==> flow/design.v <==
module gen_multiplier_blk #(
  parameter int NBITS = 14
) (
  input  logic CLK,
  input  logic srst,
  input  logic [NBITS-1:0] in_A,
  input  logic [NBITS-1:0] in_B,
  output logic [2*NBITS-1:0] out_p
);
  logic [NBITS-1:0] A_q;
  logic [NBITS-1:0] B_q;
  always_ff @(posedge CLK or posedge srst) begin
    if (srst) begin
      A_q <= 0;
      B_q <= 0;
    end else begin
      A_q <= in_A;
      B_q <= in_B;
    end
  end
  wire [2*NBITS-1:0] lvl [0:NBITS];
  assign lvl[0] = 0;
  for (genvar k = 0; k < NBITS; k++) begin : u_g
    assign lvl[k+1] = lvl[k] + (B_q[k] ? {{NBITS{1'b0}}, A_q} << k : {2*NBITS{1'b0}});
  end
  assign out_p = lvl[NBITS];
endmodule
# From RTL to reports: gen_multiplier_blk
# The steps from the RTL of gen_multiplier_blk to its reports follow in flow order.
# Lines are those of the file above, counted from 1.
# Library cell names are shortened.
# Not given: n/a
[inputs]
top_module = "gen_multiplier_blk"
clk_port = "CLK"
cell_library = "sky130hd"
lib_corner = "tt_025C_1v80"

# Word-level counts
# Counts by Yosys on the flattened word-level netlist (proc, flatten, opt, wreduce; memories kept). Register bits leave out memories and registers merged into their read ports (data or address); mux counts leave out enables and synchronous resets folded into registers. Print and check cells are left out. Cells with the same type and inputs are merged into one.
[bits]
regBits = 28
output_inout_bits = 28
wordCells = 29
[op_classes]
add_sub_neg = 13
muxes = 14
[op_table]
columns = ["operator", "n"]
rows = [
  ["27-bit by 27-bit adder with 28-bit output", 1],
  ["26-bit by 26-bit adder with 27-bit output", 1],
  ["27-bit two-way mux", 1],
  ["25-bit by 25-bit adder with 26-bit output", 1],
  ["26-bit two-way mux", 1],
  ["24-bit by 24-bit adder with 25-bit output", 1],
  ["25-bit two-way mux", 1],
  ["23-bit by 23-bit adder with 24-bit output", 1],
  ["24-bit two-way mux", 1],
  ["22-bit by 22-bit adder with 23-bit output", 1],
  ["23-bit two-way mux", 1],
  ["21-bit by 21-bit adder with 22-bit output", 1],
  ["22-bit two-way mux", 1],
  ["20-bit by 20-bit adder with 21-bit output", 1],
  ["21-bit two-way mux", 1],
  ["19-bit by 19-bit adder with 20-bit output", 1],
  ["20-bit two-way mux", 1],
  ["18-bit by 18-bit adder with 19-bit output", 1],
  ["19-bit two-way mux", 1],
  ["17-bit by 17-bit adder with 18-bit output", 1],
  ["18-bit two-way mux", 1],
  ["16-bit by 16-bit adder with 17-bit output", 1],
  ["17-bit two-way mux", 1],
  ["14-bit by 15-bit adder with 16-bit output", 1],
  ["16-bit two-way mux", 1],
  ["15-bit two-way mux", 1],
  ["14-bit two-way mux", 1],
]

# Logic depth
# Longest topological path by Yosys (ltp), each cell counted once; first at word level (registers and memories cut), then after technology mapping (sequential cells cut; the memories' decode and read muxes count).
[depth]
ltp_word = 14
ABC_AREA = 0
ltp_mapped = 21
ltp_nobuf = 20

# After synthesis
# Yosys stat after the flow's synthesis: flattened, memories mapped to cells. It holds for the ABC_AREA given above (unset counts as 0); a run with the other value may have another netlist.
# The area totals of this step are shown rounded.
[synth_totals]
cells = 705
area_um2 = 6938
seq_area_um2 = 700.7
ffs = 28
buffers = 29
[types]
columns = ["type", "n"]
rows = [
  ["fa_1", 146],
  ["ha_1", 85],
  ["dfrtp_1", 28],
  ["and2_1", 92],
  ["nand2_1", 120],
  ["inv_1", 112],
  ["xnor2_1", 13],
  ["clkbuf_1", 29],
  ["a21o_1", 9],
  ["xor2_1", 6],
  ["a21oi_1", 10],
  ["nor2_1", 11],
  ["a211oi_1", 4],
  ["a221oi_4", 1],
  ["o21ai_0", 5],
  ["o21a_1", 3],
  ["o21bai_1", 3],
  ["a31oi_4", 1],
]
# Not listed: further types 20, cells in them 27.

# Timing after synthesis
# Path of least setup slack by OpenSTA after synthesis, without wires, with an ideal clock, recovery checks aside; 20% of the period is set as input and as output delay. Where synthesis merged equal registers, the netlist keeps one of their names.
[synth_path]
path_kind = "register to output"
from = "reg A_q[1]"
to = "out out_p[26]"
period_ps = 8070
output_delay_ps = 1614
launch_ps = 0
arrival_time_ps = 5164
t_required_ps = 6456
path_slack_ps = 1292
path_delay_ps = 5164
driving_pins = 18
period_less_setup_slack_ps = 6778
# "path_delay_ps" is the arrival time less input delay plus setup time.
# At an output port there is no setup time.
# "driving_pins" counts driving pins, that of a launching flip-flop among them; a cell with two outputs on the path counts twice.
# "period_less_setup_slack_ps" is the clock period less the worst setup slack; recovery checks do not enter. This is arithmetic on one report: input and output delays are still those of the set period (20% each).
# Between the ends stands the longest chain of elaborated cells between them, by number of cells; it is not shown to be the way that was timed. Of several equally long chains one is given.
# A line is the first line of the expression or statement that the cell stems from. Yosys adds cells for indexed reads and writes and turns some case tables into memories.
[synth_between]
cell_sequence = "dfrtp_1 -> clkbuf_1 -> nand2_1 -> fa_1 -> inv_1 -> fa_1 -> inv_1 -> fa_1 -> inv_1 -> fa_1 -> fa_1 -> fa_1 -> ha_1 -> and3_1 -> and3_4 -> a221oi_4 -> o21ai_2 -> o311a_1"
elab_chain_cells = 14
cells_between = 27
lines_between = 1
[synth_rtl]
columns = ["element", "line_no", "rtl"]
rows = [
  ["from (decl)", 10, "logic [NBITS-1:0] A_q;"],
  ["from (assign)", 14, "A_q <= 0;"],
  ["from (assign)", 17, "A_q <= in_A;"],
  ["14-bit two-way mux", 24, "assign lvl[k+1] = lvl[k] + (B_q[k] ? {{NBITS{1'b0}}, A_q} << k : {2*NBITS{1'b0}});"],
  ["14-bit by 15-bit adder with 16-bit output", 24, ""],
  ["16-bit by 16-bit adder with 17-bit output", 24, ""],
  ["17-bit by 17-bit adder with 18-bit output", 24, ""],
  ["18-bit by 18-bit adder with 19-bit output", 24, ""],
  ["19-bit by 19-bit adder with 20-bit output", 24, ""],
  ["20-bit by 20-bit adder with 21-bit output", 24, ""],
  ["21-bit by 21-bit adder with 22-bit output", 24, ""],
  ["22-bit by 22-bit adder with 23-bit output", 24, ""],
  ["23-bit by 23-bit adder with 24-bit output", 24, ""],
  ["24-bit by 24-bit adder with 25-bit output", 24, ""],
  ["25-bit by 25-bit adder with 26-bit output", 24, ""],
  ["26-bit by 26-bit adder with 27-bit output", 24, ""],
  ["27-bit by 27-bit adder with 28-bit output", 24, ""],
  ["to (decl)", 8, "output logic [2*NBITS-1:0] out_p"],
]

# Worst path after layout
# Path of least setup slack in the final report of entry A (OpenROAD, finished layout, wires in). Where an end is a register, its clock arrival counts in the times.
# The report prints the path's times to 10 ps; the period is as set.
[layout_path]
path_kind = "register to output"
from = "reg B_q[8]"
to = "out out_p[24]"
period_ps = 8070
output_delay_ps = 1610
launch_ps = 260
arrival_time_ps = 6190
t_required_ps = 6460
path_slack_ps = 260
driving_pins = 17
# Between the ends stands the longest chain of elaborated cells between them, by number of cells; it is not shown to be the way that was timed. Of several equally long chains one is given.
[layout_between]
cell_sequence = "dfrtp_1 -> nand2_1 -> fa_1 -> inv_1 -> fa_1 -> fa_1 -> fa_1 -> fa_1 -> fa_1 -> ha_1 -> and3_1 -> and3_4 -> a221oi_4 -> o21ai_2 -> a21boi_2 -> xnor2_1 -> clkdlybuf4s50_1"
elab_chain_cells = 7
cells_between = 7
lines_between = 1
[layout_rtl]
columns = ["element", "line_no", "rtl"]
rows = [
  ["from (decl)", 11, "logic [NBITS-1:0] B_q;"],
  ["from (assign)", 15, "B_q <= 0;"],
  ["from (assign)", 18, "B_q <= in_B;"],
  ["22-bit two-way mux", 24, "assign lvl[k+1] = lvl[k] + (B_q[k] ? {{NBITS{1'b0}}, A_q} << k : {2*NBITS{1'b0}});"],
  ["22-bit by 22-bit adder with 23-bit output", 24, ""],
  ["23-bit by 23-bit adder with 24-bit output", 24, ""],
  ["24-bit by 24-bit adder with 25-bit output", 24, ""],
  ["25-bit by 25-bit adder with 26-bit output", 24, ""],
  ["26-bit by 26-bit adder with 27-bit output", 24, ""],
  ["27-bit by 27-bit adder with 28-bit output", 24, ""],
  ["to (decl)", 8, "output logic [2*NBITS-1:0] out_p"],
]

# Top module gen_multiplier_blk; platform sky130hd; tools Yosys and OpenROAD; 3 stored runs in no particular order. Input and output delays are each 20% of the period that was set; the output load is 0.01 pF.
# "clock_period_reached_ps": clock period set for the run, less the worst setup slack. It is reckoned from that one timing run; input and output delays stay at 20% of the period that was set.
# By "critical_path_time_ps" is meant the share of the clock period that the worst setup path is allowed (20% is reserved at inputs, 20% at outputs), minus its slack. Clock arrival times at its registers enter into it.
# "critical_path_time_ps" is given in steps of 10 ps.
# Results are given in rounded form.

[[run]]
name = "entry A"
[run.settings]
period_ns = 8.07
CAP_MARGIN = 20
CORE_MARGIN = 2
CORE_UTILIZATION = 40
SLEW_MARGIN = 20
[run.results]
ys_area_um2 = 6938
clock_period_reached_ps = 7806
finish.stdcell_area_um2 = 7830
worst_setup_slack_ps = 264
die_area_um2 = 18410
critical_path_time_ps = 6190
worst_path_kind = "register to output"

[[run]]
name = "entry B"
[run.settings]
period_ns = 6.86
CORE_UTILIZATION = 35
TNS_END_PERCENT = 85
GPL_ROUTABILITY_DRIVEN = 1
CTS_CLUSTER_DIAMETER = 120
SLEW_MARGIN = 30
MAX_ROUTING_LAYER = "met4"
CAP_MARGIN = 20
CORE_MARGIN = 2
[run.results]
ys_area_um2 = 6938
clock_period_reached_ps = 6947
finish.stdcell_area_um2 = 9218
worst_setup_slack_ps = -87
die_area_um2 = 20960
critical_path_time_ps = 5570
worst_path_kind = "register to output"

[[run]]
name = "entry C"
[run.settings]
period_ns = 7.01
CORE_UTILIZATION = 22
SETUP_SLACK_MARGIN = 0.89
PLACE_DENSITY_LB_ADDON = 0.01
ABC_AREA = 0
SLEW_MARGIN = 25
MAX_ROUTING_LAYER = "met4"
CAP_MARGIN = 20
CORE_MARGIN = 2
[run.results]
ys_area_um2 = 6938
clock_period_reached_ps = 6920
finish.stdcell_area_um2 = 9819
worst_setup_slack_ps = 90
die_area_um2 = 32970
critical_path_time_ps = 5520
worst_path_kind = "register to output"
